==> flow/design.v <==
module dp_arith_n (i_clk, rst, opa, opb, op, diff);
   parameter DW = 96;
   input i_clk;
   input rst;
   input [DW-1:0] opa;
   input [DW-1:0] opb;
   input op;
   output reg [DW-1:0] diff;
   reg [DW-1:0] work;
   always @* begin
      if (op)
         work = opa - opb;
      else
         work = opa + opb;
   end
   always @(posedge i_clk) begin
      if (rst) begin
         diff <= 0;
      end else begin
         diff <= work;
      end
   end
endmodule
**Reports on dp_arith_n**

What the tools print for dp_arith_n, step after step.
Lines are those of the file above, counted from 1.
The mark -- stands for no value.

- Top: dp_arith_n
- Clock input: i_clk
- Standard-cell library: sky130hd
- Timing corner: tt_025C_1v80

**Word-level counts**

Counts by Yosys on the flattened word-level netlist (proc, flatten, opt, wreduce; memories kept). Register bits leave out memories and registers merged into their read ports (data or address); mux counts leave out enables and synchronous resets folded into registers. Print and check cells are left out. Cells with the same type and inputs are merged into one.

- Register bits: 96
- Input port bits: 195
- Output and inout port bits: 96

- Add/sub/neg operators: 2
- Multiplexer cells: 1

Operators by type and width:

| operator | number |
|---|---|
| adder 96 bit | 1 |
| subtractor 96 bit | 1 |
| two-way mux 96 bit | 1 |

**Longest topological paths**

Yosys ltp: most cells in a row. Word level: on the elaborated netlist, between registers, memories and ports. Mapped: between sequential cells and ports; inverters and the memories' decode and read muxes count.

- Depth after elaboration: 2
- ABC_AREA: 0
- Gate-level depth with buffers: 22
- Depth with buffers taken out: 20

**Mapped cells and area**

Yosys stat after the flow's synthesis: flattened, memories mapped to cells. It holds for the ABC_AREA given above (unset counts as 0); a run with the other value may have another netlist.
The area totals of this step are shown rounded.

- Cell count: 1471
- Synthesis area: 10500 um^2
- Sequential area: 1920 um^2
- Flip-flop cells: 96
- Buffers: 54

Cells by type:

| cell type | number | total area (um^2) |
|---|---|---|
| sky130_fd_sc_hd__dfxtp_1 | 96 | 1.92E+03 |
| sky130_fd_sc_hd__ha_1 | 97 | 1.21E+03 |
| sky130_fd_sc_hd__xnor2_1 | 133 | 1.16E+03 |
| sky130_fd_sc_hd__a21oi_1 | 179 | 895.859 |
| sky130_fd_sc_hd__nor2_1 | 219 | 822.038 |
| sky130_fd_sc_hd__nand2_1 | 120 | 450.432 |
| sky130_fd_sc_hd__o21ai_0 | 84 | 420.403 |
| sky130_fd_sc_hd__xor2_1 | 43 | 376.611 |
| sky130_fd_sc_hd__nor3_1 | 56 | 280.269 |
| sky130_fd_sc_hd__a21o_1 | 31 | 232.723 |
| sky130_fd_sc_hd__a31oi_1 | 34 | 212.704 |
| sky130_fd_sc_hd__nand4_1 | 34 | 212.704 |
| sky130_fd_sc_hd__clkbuf_1 | 47 | 176.419 |
| sky130_fd_sc_hd__o21bai_1 | 21 | 157.651 |
| sky130_fd_sc_hd__inv_1 | 41 | 153.898 |
| sky130_fd_sc_hd__nor4_1 | 22 | 137.632 |
| sky130_fd_sc_hd__or3_1 | 20 | 125.12 |
| sky130_fd_sc_hd__o21a_1 | 13 | 97.594 |

Not listed: further types 51, cells in them 181.

**Timing after synthesis**

OpenSTA on the mapped netlist: ideal clock, no wires. The path of least setup slack (recovery checks aside). Input and output delay are each 20% of the period. Register names are those of the netlist, which keeps one name where synthesis merged equal registers.

- Kind: input-to-reg
- Start: input opb[31]
- End: register diff[89]
- Clock period: 7.11 ns
- External input delay: 1.422 ns
- Library setup time: 0.121 ns
- Data arrival time: 5.854 ns
- Data required time: 6.989 ns
- Setup slack: 1.135 ns
- Delay of the path: 4.553 ns
- Stages on the path: 20
- Period reached after synthesis: 5.975 ns

"delay of the path" = arrival - input delay + setup time.
"stages on the path" counts driving pins, that of a launching flip-flop among them; a cell with two outputs on the path counts twice.
"period reached after synthesis" is the clock period less the worst setup slack; recovery checks do not enter. This is arithmetic on one report: input and output delays are still those of the set period (20% each).
Between the ends stands the longest chain of elaborated cells between them, by number of cells; it is not shown to be the way that was timed. Of several equally long chains one is given.
A line is the first line of the expression or statement that the cell stems from. Yosys adds cells for indexed reads and writes and turns some case tables into memories.

- Cell sequence: sky130_fd_sc_hd__or4_4 sky130_fd_sc_hd__or4_4 sky130_fd_sc_hd__nor2_4 sky130_fd_sc_hd__nand3_4 sky130_fd_sc_hd__or4_4 sky130_fd_sc_hd__nor2_1 sky130_fd_sc_hd__nor2_1 sky130_fd_sc_hd__xnor2_1 sky130_fd_sc_hd__ha_1 sky130_fd_sc_hd__clkbuf_1 sky130_fd_sc_hd__a21oi_1 sky130_fd_sc_hd__o21ai_0 sky130_fd_sc_hd__a311oi_1 sky130_fd_sc_hd__o21ai_0 sky130_fd_sc_hd__nor4_1 sky130_fd_sc_hd__o21ai_1 sky130_fd_sc_hd__a21boi_1 sky130_fd_sc_hd__nor2_1 sky130_fd_sc_hd__a211oi_1 sky130_fd_sc_hd__mux2_2
- Length of the longest elaborated chain: 2
- Elaborated cells between the ends (all ways): 3
- Source lines of those cells: 3
- Classes of those cells: 2 x add/sub; 1 x mux

Ends and longest elaborated chain, after synthesis:

| item | RTL line | source |
|---|---|---|
| start, declared | 6 | `input [DW-1:0] opb;` |
| adder 96 bit | 14 | `work = opa + opb;` |
| two-way mux 96 bit | 11 | `if (op)` |
| end, assigned | 18 | `diff <= 0;` |
| end, assigned | 20 | `diff <= work;` |
| end, declared | 8 | `output reg [DW-1:0] diff;` |

**Path in the finished layout**

Path of least setup slack in the final report of flow run 1 (OpenROAD, finished layout, wires in). Where an end is a register, its clock arrival counts in the times.

- Kind: input-to-reg
- Start: input opb[29]
- End: register diff[89]
- Clock period: 7.11 ns
- External input delay: 1.42 ns
- Library setup time: 0.10 ns
- Data arrival time: 6.92 ns
- Data required time: 7.37 ns
- Setup slack: 0.45 ns
- Stages on the path: 20

Between the ends stands the longest chain of elaborated cells between them, by number of cells; it is not shown to be the way that was timed. Of several equally long chains one is given.

- Cell sequence: sky130_fd_sc_hd__clkdlybuf4s50_1 sky130_fd_sc_hd__or4_4 sky130_fd_sc_hd__or4_4 sky130_fd_sc_hd__nor2_4 sky130_fd_sc_hd__nand3_4 sky130_fd_sc_hd__or4_4 sky130_fd_sc_hd__nor2_2 sky130_fd_sc_hd__a21oi_1 sky130_fd_sc_hd__xnor2_1 sky130_fd_sc_hd__ha_1 sky130_fd_sc_hd__a21oi_1 sky130_fd_sc_hd__o21ai_0 sky130_fd_sc_hd__a21oi_1 sky130_fd_sc_hd__o21ai_0 sky130_fd_sc_hd__nor4_1 sky130_fd_sc_hd__o21ai_1 sky130_fd_sc_hd__a21boi_1 sky130_fd_sc_hd__nor2_1 sky130_fd_sc_hd__a211oi_1 sky130_fd_sc_hd__mux2_2
- Length of the longest elaborated chain: 2
- Elaborated cells between the ends (all ways): 3
- Source lines of those cells: 3
- Classes of those cells: 2 x add/sub; 1 x mux

Ends and longest elaborated chain, after layout:

| item | RTL line | source |
|---|---|---|
| start, declared | 6 | `input [DW-1:0] opb;` |
| adder 96 bit | 14 | `work = opa + opb;` |
| two-way mux 96 bit | 11 | `if (op)` |
| end, assigned | 18 | `diff <= 0;` |
| end, assigned | 20 | `diff <= work;` |
| end, declared | 8 | `output reg [DW-1:0] diff;` |

Data sheet: physical implementation of dp_arith_n

Measured results for dp_arith_n: 3 stored runs of the Yosys and OpenROAD flow on sky130hd. The settings differ; the order carries no meaning. The constraints put input and output delay at 20% of the set period each and load the outputs with 0.01 pF.
"period reached" means the clock period less the worst setup slack. The figure is calculated, with input and output delays left at 20% of the set period.
"time used up by the worst setup path" = time allowed to the worst setup path (clock period - input delay - output delay, where it has them) - its slack; a late launch clock adds to it, a late capture clock takes from it.
"power consumption" rests on the timing tool's default activity at the inputs, not on a simulated workload.
The results are shown rounded.

### Flow run 1

==> flow/run.sh <==
#!/bin/bash
# the make line also repeats the synthesis and layout settings of config.mk as NAME=value (left out here)
make -C /OpenROAD-flow-scripts/flow DESIGN_CONFIG=/design/flow/config.mk WORK_HOME=/design/flow/orfs CLKGATE_MAP_FILE= finish
==> flow/config.mk <==
export PLATFORM = sky130hd
export DESIGN_NAME = dp_arith_n
export DESIGN_NICKNAME = dp_arith_n
export VERILOG_FILES = /design/flow/design.v
export SDC_FILE = /design/flow/constraint.sdc
export NUM_CORES = 4
export LEC_CHECK = 0
export CAP_MARGIN = 20
export CORE_MARGIN = 2
export CORE_UTILIZATION = 40
export SLEW_MARGIN = 20
==> flow/constraint.sdc <==
create_clock -name core_clock -period 7.11 [get_ports {i_clk}]
set_input_delay 1.4220 -clock core_clock [delete_from_list [all_inputs] [get_ports {i_clk}]]
set_output_delay 1.4220 -clock core_clock [all_outputs]
set_load 0.01 [all_outputs]

Results of flow run 1:
- Lowest hold slack: 1.52 ns
- Yosys chip area after synthesis: 10500 um^2
- Area of the standard cells in the finished layout: 14100 um^2
- Time used up by the worst setup path: 5.24 ns
- Worst path kind: input-to-reg
- Utilization after layout: 0.545
- Period reached: 6.659 ns
- Overall die area: 27500 um^2
- Power consumption: 2.68 mW
- Smallest setup slack: 0.451 ns
- Setup TNS: 0.000 ns

### Flow run 2

==> flow/run.sh <==
#!/bin/bash
# the make line also repeats the synthesis and layout settings of config.mk as NAME=value (left out here)
make -C /OpenROAD-flow-scripts/flow DESIGN_CONFIG=/design/flow/config.mk WORK_HOME=/design/flow/orfs CLKGATE_MAP_FILE= finish
==> flow/config.mk <==
export PLATFORM = sky130hd
export DESIGN_NAME = dp_arith_n
export DESIGN_NICKNAME = dp_arith_n
export VERILOG_FILES = /design/flow/design.v
export SDC_FILE = /design/flow/constraint.sdc
export NUM_CORES = 4
export LEC_CHECK = 0
export ABC_AREA = 0
export CAP_MARGIN = 25
export CORE_MARGIN = 4
export CORE_UTILIZATION = 63
export CTS_CLUSTER_DIAMETER = 43
export GPL_ROUTABILITY_DRIVEN = 1
export MAX_ROUTING_LAYER = met5
export MIN_ROUTING_LAYER = met2
export PLACE_DENSITY_LB_ADDON = 0.15
export SLEW_MARGIN = 10
==> flow/constraint.sdc <==
create_clock -name core_clock -period 9.12 [get_ports {i_clk}]
set_input_delay 1.8240 -clock core_clock [delete_from_list [all_inputs] [get_ports {i_clk}]]
set_output_delay 1.8240 -clock core_clock [all_outputs]
set_load 0.01 [all_outputs]

Outcome of flow run 2: not finished: routing ended with error GRT-0116

### Flow run 3

==> flow/run.sh <==
#!/bin/bash
# the make line also repeats the synthesis and layout settings of config.mk as NAME=value (left out here)
make -C /OpenROAD-flow-scripts/flow DESIGN_CONFIG=/design/flow/config.mk WORK_HOME=/design/flow/orfs CLKGATE_MAP_FILE= finish
==> flow/config.mk <==
export PLATFORM = sky130hd
export DESIGN_NAME = dp_arith_n
export DESIGN_NICKNAME = dp_arith_n
export VERILOG_FILES = /design/flow/design.v
export SDC_FILE = /design/flow/constraint.sdc
export NUM_CORES = 4
export LEC_CHECK = 0
export CAP_MARGIN = 20
export CELL_PAD_IN_SITES_GLOBAL_PLACEMENT = 1
export CORE_MARGIN = 2
export CORE_UTILIZATION = 15
export CTS_CLUSTER_SIZE = 14
export GPL_ROUTABILITY_DRIVEN = 0
export GPL_TIMING_DRIVEN = 0
export HOLD_SLACK_MARGIN = 0.04
export MAX_ROUTING_LAYER = met4
export PLACE_DENSITY_LB_ADDON = 0.19
export SETUP_SLACK_MARGIN = 0.05
export SLEW_MARGIN = 20
==> flow/constraint.sdc <==
create_clock -name core_clock -period 8.15 [get_ports {i_clk}]
set_input_delay 1.6300 -clock core_clock [delete_from_list [all_inputs] [get_ports {i_clk}]]
set_output_delay 1.6300 -clock core_clock [all_outputs]
set_load 0.01 [all_outputs]

Results of flow run 3:
- Lowest hold slack: 1.90 ns
- Yosys chip area after synthesis: 10500 um^2
- Area of the standard cells in the finished layout: 15000 um^2
- Time used up by the worst setup path: 6.11 ns
- Worst path kind: input-to-reg
- Utilization after layout: 0.217
- Period reached: 7.740 ns
- Overall die area: 72100 um^2
- Power consumption: 2.39 mW
- Smallest setup slack: 0.410 ns
- Setup TNS: 0.000 ns
